==> flow/design.v <==
module ex_shift_unit_v2 #(
  parameter NBITS = 8,
  parameter SEL_WIDTH = $clog2(NBITS)
) (
  input logic clock,
  input logic [NBITS-1:0] bus,
  input logic [NBITS-1:0] rhs,
  input logic [SEL_WIDTH-1:0] amt,
  output logic [NBITS-1:0] res
);
  logic [NBITS-1:0] r_bus;
  logic [NBITS-1:0] r_rhs;
  logic [SEL_WIDTH-1:0] r_amt;
  always_ff @(posedge clock) begin
    r_bus <= bus;
    r_rhs <= rhs;
    r_amt <= amt;
  end
  logic [2*NBITS-1:0] t;
  assign t = {r_rhs, r_bus} >> r_amt;
  assign res = t[NBITS-1:0];
endmodule
Reports on ex_shift_unit_v2
What the tools print for ex_shift_unit_v2, step after step.
Line numbers count from 1 in the design file above.
Operators carry their Yosys type and port widths (W data, S select, Z words).
Cell names lack the library's common part.
{ "inputs": {"design": "ex_shift_unit_v2", "clock": "clock", "library": "sky130hd", "pvt_corner": "tt_025C_1v80"} }

Word level
Counts by Yosys on the flattened word-level netlist (proc, flatten, opt, wreduce; memories kept). Register bits leave out memories and registers merged into their read ports (data or address); mux counts leave out enables and synchronous resets folded into registers. Print and check cells are left out. Cells with the same type and inputs are merged into one.
{ "bits": {"reg_bits": 19, "input_bits": 20, "output_inout_bits": 8} }
{ "op_classes": {"shifts": 1} }
{ "ops": {"columns": ["op", "n"], "rows": [
  ["$shr A16 B3 Y8", 1]
]} }

Longest topological paths
Longest topological path by Yosys (ltp), each cell counted once; first at word level (registers and memories cut), then after technology mapping (sequential cells cut; the memories' decode and read muxes count).
{ "logic_depth": {"ltp_word": 1, "abc_area": 0, "depth_mapped": 3} }

After synthesis
Yosys stat after the flow's synthesis: flattened, memories mapped to cells. It holds for the ABC_AREA given above (unset counts as 0); a run with the other value may have another netlist.
{ "synth_totals": {"stdcells": 39, "area_um2": 701.9, "ff_cells": 18, "buf_cells": 3} }
{ "by_type": {"columns": ["type", "n", "area_total_um2"], "rows": [
  ["dfxtp_1", 18, 360.346],
  ["mux4_2", 10, 225.216],
  ["mux2_2", 8, 90.086],
  ["buf_6", 2, 22.522],
  ["buf_1", 1, 3.754]
]} }

Timing after synthesis
OpenSTA on the mapped netlist: ideal clock, no wires. The path of least setup slack (recovery checks aside). Input and output delay are each 20% of the period. Register names are those of the netlist, which keeps one name where synthesis merged equal registers.
{ "synth_path": {"path_type": "register -> output", "start": "register r_amt[0]", "end": "output res[0]", "tclk_ns": 1.96, "arrival_time_ns": 1.256, "t_required_ns": 1.568, "path_slack_ns": 0.312, "delay_ns": 1.256, "path_stages": 4, "period_less_setup_slack_ns": 1.648} }
"delay_ns" is the arrival time less input delay plus setup time.
A path that ends at an output port has no setup time.
"path_stages" counts driving pins, that of a launching flip-flop among them; a cell with two outputs on the path counts twice.
"period_less_setup_slack_ns" = period - worst setup slack (recovery checks aside). The figure is calculated, with input and output delays left at 20% of the set period.
The rows between start and end are the longest chain of elaborated cells between them; the timing report does not say that the signal goes this way. Where chains are equally long, one stands for them.
A line is the first line of the expression or statement that the cell stems from. Yosys adds cells for indexed reads and writes and turns some case tables into memories.
{ "synth_between": {"path_cell_list": "dfxtp_1 -> buf_6 -> mux4_2 -> mux2_2", "elab_chain_len": 1} }
{ "synth_lines": {"columns": ["element", "line_no", "text"], "rows": [
  ["start: declaration", 13, "logic [SEL_WIDTH-1:0] r_amt;"],
  ["start: assignment", 17, "r_amt <= amt;"],
  ["$shr A16 B3 Y8", 20, "assign t = {r_rhs, r_bus} >> r_amt;"],
  ["end: declaration", 9, "output logic [NBITS-1:0] res"]
]} }

Path in the finished layout
From the final timing report of flow run B: the path of least setup slack in the routed layout; clock arrival at registers is part of the times.
{ "layout_path": {"path_type": "register -> output", "start": "register r_amt[0]", "end": "output res[3]", "tclk_ns": 1.4, "arrival_time_ns": 1.70, "t_required_ns": 1.12, "path_slack_ns": -0.58, "path_stages": 5} }
The rows between start and end are the longest chain of elaborated cells between them; the timing report does not say that the signal goes this way. Where chains are equally long, one stands for them.
{ "layout_between": {"path_cell_list": "dfxtp_4 -> buf_12 -> mux4_2 -> mux2_2 -> buf_6", "elab_chain_len": 1} }
{ "layout_lines": {"columns": ["element", "line_no", "text"], "rows": [
  ["start: declaration", 13, "logic [SEL_WIDTH-1:0] r_amt;"],
  ["start: assignment", 17, "r_amt <= amt;"],
  ["$shr A16 B3 Y8", 20, "assign t = {r_rhs, r_bus} >> r_amt;"],
  ["end: declaration", 9, "output logic [NBITS-1:0] res"]
]} }

Lab notebook: ex_shift_unit_v2

Flow measurements of ex_shift_unit_v2 on sky130hd: 3 stored runs with different settings, listed in no order. Input and output delays are each 20% of the period that was set; the output load is 0.01 pF.
By "achieved clock period (ns)" is meant the clock period of the run minus its worst setup slack. This is arithmetic on one report: input and output delays are still those of the set period (20% each).

settings of flow run A
{
  "period_ns": 1.39,
  "CORE_UTILIZATION": 69,
  "SETUP_SLACK_MARGIN": -0.05,
  "PLACE_DENSITY_LB_ADDON": 0.18,
  "HOLD_SLACK_MARGIN": -0.0,
  "ABC_AREA": 1,
  "CAP_MARGIN": 30,
  "MIN_ROUTING_LAYER": "met1",
  "MAX_ROUTING_LAYER": "met4",
  "CORE_MARGIN": 2,
  "SLEW_MARGIN": 20
}
report of flow run A: did not finish, place, FLW-0024

settings of flow run B
{
  "period_ns": 1.4,
  "CORE_UTILIZATION": 38,
  "SETUP_SLACK_MARGIN": -0.1,
  "PLACE_DENSITY_LB_ADDON": 0.21,
  "CORE_ASPECT_RATIO": 0.55,
  "CELL_PAD_IN_SITES_DETAIL_PLACEMENT": 1,
  "TNS_END_PERCENT": 35,
  "CTS_CLUSTER_DIAMETER": 310,
  "CAP_MARGIN": 20,
  "CORE_MARGIN": 2,
  "SLEW_MARGIN": 20
}
report of flow run B
yosys chip area after synthesis (um^2): 701.9
finish__design__die__area: 2222.5
finish__design__instance__utilization: 0.6596
finish__timing__setup__ws: -0.584
finish__timing__hold__ws: 0.410
achieved clock period (ns): 1.984

settings of flow run C
{
  "period_ns": 1.96,
  "CAP_MARGIN": 20,
  "CORE_MARGIN": 2,
  "CORE_UTILIZATION": 40,
  "SLEW_MARGIN": 20
}
report of flow run C
yosys chip area after synthesis (um^2): 701.9
finish__design__die__area: 2105.9
finish__design__instance__utilization: 0.6422
finish__timing__setup__ws: -0.148
finish__timing__hold__ws: 0.525
achieved clock period (ns): 2.108
